==> flow/design.v <==
module adder_v2 #(
  parameter int BITS = 10,
  parameter int N = 10,
  parameter int OUT_W = BITS + $clog2(N)
) (
  input logic i_clk,
  input logic i_rst_n,
  input logic [N*BITS-1:0] d,
  output logic [OUT_W-1:0] o
);
  logic [N*BITS-1:0] r_d;
  wire [OUT_W-1:0] lvl [1:2*N-1];
  for (genvar gi = 0; gi < N; gi++) begin : stage
    assign lvl[N+gi] = r_d[gi*BITS +: BITS];
  end
  for (genvar gi = 1; gi < N; gi++) begin : lane
    assign lvl[gi] = lvl[2*gi] + lvl[2*gi+1];
  end
  assign o = lvl[1];
  always_ff @(posedge i_clk) begin
    if (!i_rst_n) begin
      r_d <= '0;
    end else begin
      r_d <= d;
    end
  end
endmodule
======== From RTL to reports: adder_v2 ========
What the tools print for adder_v2, step after step.
Line numbers count from 1 in the design file above.
Cell names lack the library's common part.
Not given: --
set-up
  design top .............................. adder_v2
  clock ................................... i_clk
  cell library ............................ sky130hd
  library corner .......................... tt_025C_1v80

======== Elaborated design ========
Yosys after proc, flatten, opt, wreduce and memory -nomap, before mapping. Enables and synchronous resets that opt folds into registers are not counted as muxes. Print and check cells are not counted. Equal cells are merged and count once.
cells by class
  add/subtract/negate cells ............... 9
operator list
  cell                     count
  adder 14 bit             4
  adder 10 x 10 -> 11 bit  5
storage and ports
  register bits after elaboration ......... 100
  bits of input ports ..................... 102
  output and inout bits ................... 14
  cells after elaboration ................. 10

======== Longest topological paths ========
Depth = most cells in a row (Yosys ltp): at word level without a register or memory, in the mapped netlist without a sequential cell, where the memories' decode and read muxes count.
depth
  depth after elaboration ................. 4
  ABC_AREA ................................ 0
  gate-level depth with buffers ........... 18
  gate-level depth less buffers ........... 18

======== After synthesis ========
The flow's flattened synthesis, as Yosys stat reports it; memories are mapped. The netlist is that of the ABC_AREA named above (0 if unset); the other value can give another one.
Totals and module areas in this step are rounded.
cells by type
  cell       count  total area (um2)
  dfxtp_1    100    2001.92
  ha_1       64     800.768
  fa_1       37     740.71
  and2_1     107    669.392
  xnor2_1    32     280.269
  inv_1      56     210.202
  a21oi_1    38     190.182
  xor2_1     18     157.651
  a21o_1     19     142.637
  a2111oi_4  5      137.632
  and3_1     11     68.816
  o21ai_0    11     55.053
  nand2_1    14     52.55
  nor2_1     14     52.55
  nor2b_1    7      43.792
  nand3_1    8      40.038
  clkbuf_1   10     37.536
  o31ai_1    5      37.536
Not listed: further types 17, cells in them 36.
mapped netlist
  mapped cells ............................ 592
  synthesis area .......................... 6010 um2
  sequential area ......................... 2000 um2
  mapped flip-flops ....................... 100
  buffers ................................. 10

======== Timing after synthesis ========
OpenSTA on the mapped netlist: ideal clock, no wires. The path of least setup slack (recovery checks aside). Input and output delay are each 20% of the period. Register names are those of the netlist, which keeps one name where synthesis merged equal registers.
timing path post-synthesis
  kind .................................... reg2out
  start ................................... reg r_d[20]
  end ..................................... out o[13]
  clock period ............................ 7.11 ns
  external output delay ................... 1.422 ns
  time at the first pin ................... 0.000 ns
  arrival time ............................ 4.548 ns
  data required time ...................... 5.688 ns
  setup slack ............................. 1.140 ns
  delay of the path ....................... 4.548 ns
  stages on the path ...................... 19
  period reached after synthesis .......... 5.97 ns
"delay of the path" is the arrival time less input delay plus setup time.
A path that ends at an output port has no setup time.
"stages on the path" counts driving pins, that of a launching flip-flop among them; a cell with two outputs on the path counts twice.
"period reached after synthesis" = period - worst setup slack (recovery checks aside). The figure is calculated, with input and output delays left at 20% of the set period.
The rows between start and end are the longest chain of elaborated cells between them; the timing report does not say that the signal goes this way. Where chains are equally long, one stands for them.
Each line given opens the expression or statement behind the cell; cells for indexed reads and writes are added by Yosys, which also makes memories of some case tables.
between the ends, post-synthesis
  cells stage by stage .................... dfxtp_1 -> ha_1 -> fa_1 -> a21o_1 -> a2111oi_4 -> o21bai_1 -> a21oi_1 -> xnor2_1 -> fa_1 -> fa_1 -> inv_1 -> fa_1 -> inv_1 -> ha_1 -> o21ai_0 -> a21oi_1 -> or2_2 -> o311a_1 -> o21a_1
  length of the longest elaborated chain .. 3
  elaborated cells between the ends (all ways) .. 3
  RTL lines with such cells ............... 1
  classes of those cells .................. add/sub (3)
ends and longest elaborated chain, post-synthesis
  element                  RTL line  RTL
  start, declared          11        logic [N*BITS-1:0] r_d;
  start, assigned          22        r_d <= '0;
  start, assigned          24        r_d <= d;
  adder 10 x 10 -> 11 bit  17        assign lvl[gi] = lvl[2*gi] + lvl[2*gi+1];
  adder 14 bit x2          17
  end, declared            9         output logic [OUT_W-1:0] o

======== Timing after layout ========
Path of least setup slack in the final report of run 1 (OpenROAD, finished layout, wires in). Where an end is a register, its clock arrival counts in the times.
timing path post-layout
  kind .................................... reg2out
  start ................................... reg r_d[0]
  end ..................................... out o[8]
  clock period ............................ 7.11 ns
  external output delay ................... 1.42 ns
  time at the first pin ................... 0.35 ns
  arrival time ............................ 5.31 ns
  data required time ...................... 5.69 ns
  setup slack ............................. 0.38 ns
  stages on the path ...................... 18
The rows between start and end are the longest chain of elaborated cells between them; the timing report does not say that the signal goes this way. Where chains are equally long, one stands for them.
between the ends, post-layout
  cells stage by stage .................... dfxtp_1 -> ha_1 -> fa_1 -> a21o_1 -> a2111oi_4 -> buf_4 -> xnor2_1 -> fa_1 -> fa_1 -> inv_1 -> fa_1 -> inv_1 -> ha_1 -> o21a_1 -> nor2_1 -> a21oi_2 -> xor2_1 -> clkdlybuf4s50_1
  length of the longest elaborated chain .. 3
  elaborated cells between the ends (all ways) .. 3
  RTL lines with such cells ............... 1
  classes of those cells .................. add/sub (3)
ends and longest elaborated chain, post-layout
  element                  RTL line  RTL
  start, declared          11        logic [N*BITS-1:0] r_d;
  start, assigned          22        r_d <= '0;
  start, assigned          24        r_d <= d;
  adder 10 x 10 -> 11 bit  17        assign lvl[gi] = lvl[2*gi] + lvl[2*gi+1];
  adder 14 bit x2          17
  end, declared            9         output logic [OUT_W-1:0] o

Module adder_v2, platform sky130hd: 3 stored runs of the flow (Yosys, OpenROAD) with differing settings, in no particular order. Input and output delays are each 20% of the period that was set; the output load is 0.01 pF.
"reached clock period" means the clock period less the worst setup slack. The figure is calculated, with input and output delays left at 20% of the set period.
By "time of the worst setup path" is meant the share of the clock period that the worst setup path is allowed (20% is reserved at inputs, 20% at outputs), minus its slack. Clock arrival times at its registers enter into it.
"total power of the final layout": no workload was simulated; the value follows from the tool's default switching activity.
Results are given in rounded form.

---- run 1 ----
settings
  period_ns = 7.11
  CAP_MARGIN = 20
  CORE_MARGIN = 2
  CORE_UTILIZATION = 40
  SLEW_MARGIN = 20
results
  synthesis area .......................... 6010 um2
  overall die area ........................ 16000 um2
  std-cell area (final layout) ............ 7660 um2
  utilization ............................. 0.525
  worst setup slack after layout .......... 0.382 ns
  summed negative setup slack ............. 0.000 ns
  smallest hold slack ..................... 1.64 ns
  total power of the final layout ......... 2.83 mW
  reached clock period .................... 6.728 ns
  time of the worst setup path ............ 5.31 ns
  class of the worst setup path ........... reg2out

---- run 2 ----
settings
  period_ns = 3.73
  CORE_UTILIZATION = 29
  SETUP_SLACK_MARGIN = -0.35
  PLACE_DENSITY_LB_ADDON = 0.0
  CORE_MARGIN = 10
  CELL_PAD_IN_SITES_GLOBAL_PLACEMENT = 3
  TNS_END_PERCENT = 70
  SLEW_MARGIN = 20
  CAP_MARGIN = 20
results
  synthesis area .......................... 6010 um2
  overall die area ........................ 26900 um2
  std-cell area (final layout) ............ 9260 um2
  utilization ............................. 0.456
  worst setup slack after layout .......... -1.99 ns
  summed negative setup slack ............. -20.3 ns
  smallest hold slack ..................... 0.956 ns
  total power of the final layout ......... 7.07 mW
  reached clock period .................... 5.722 ns
  time of the worst setup path ............ 4.98 ns
  class of the worst setup path ........... reg2out

---- run 3 ----
settings
  period_ns = 4.23
  CORE_UTILIZATION = 53
  GPL_ROUTABILITY_DRIVEN = 1
  CTS_CLUSTER_DIAMETER = 65
  CAP_MARGIN = 5
  SLEW_MARGIN = 25
  MAX_ROUTING_LAYER = met5
  CORE_MARGIN = 2
results
  synthesis area .......................... 6010 um2
  overall die area ........................ 12200 um2
  std-cell area (final layout) ............ 8940 um2
  utilization ............................. 0.817
  worst setup slack after layout .......... -1.68 ns
  summed negative setup slack ............. -15.7 ns
  smallest hold slack ..................... 1.06 ns
  total power of the final layout ......... 6.04 mW
  reached clock period .................... 5.912 ns
  time of the worst setup path ............ 5.07 ns
  class of the worst setup path ........... reg2out
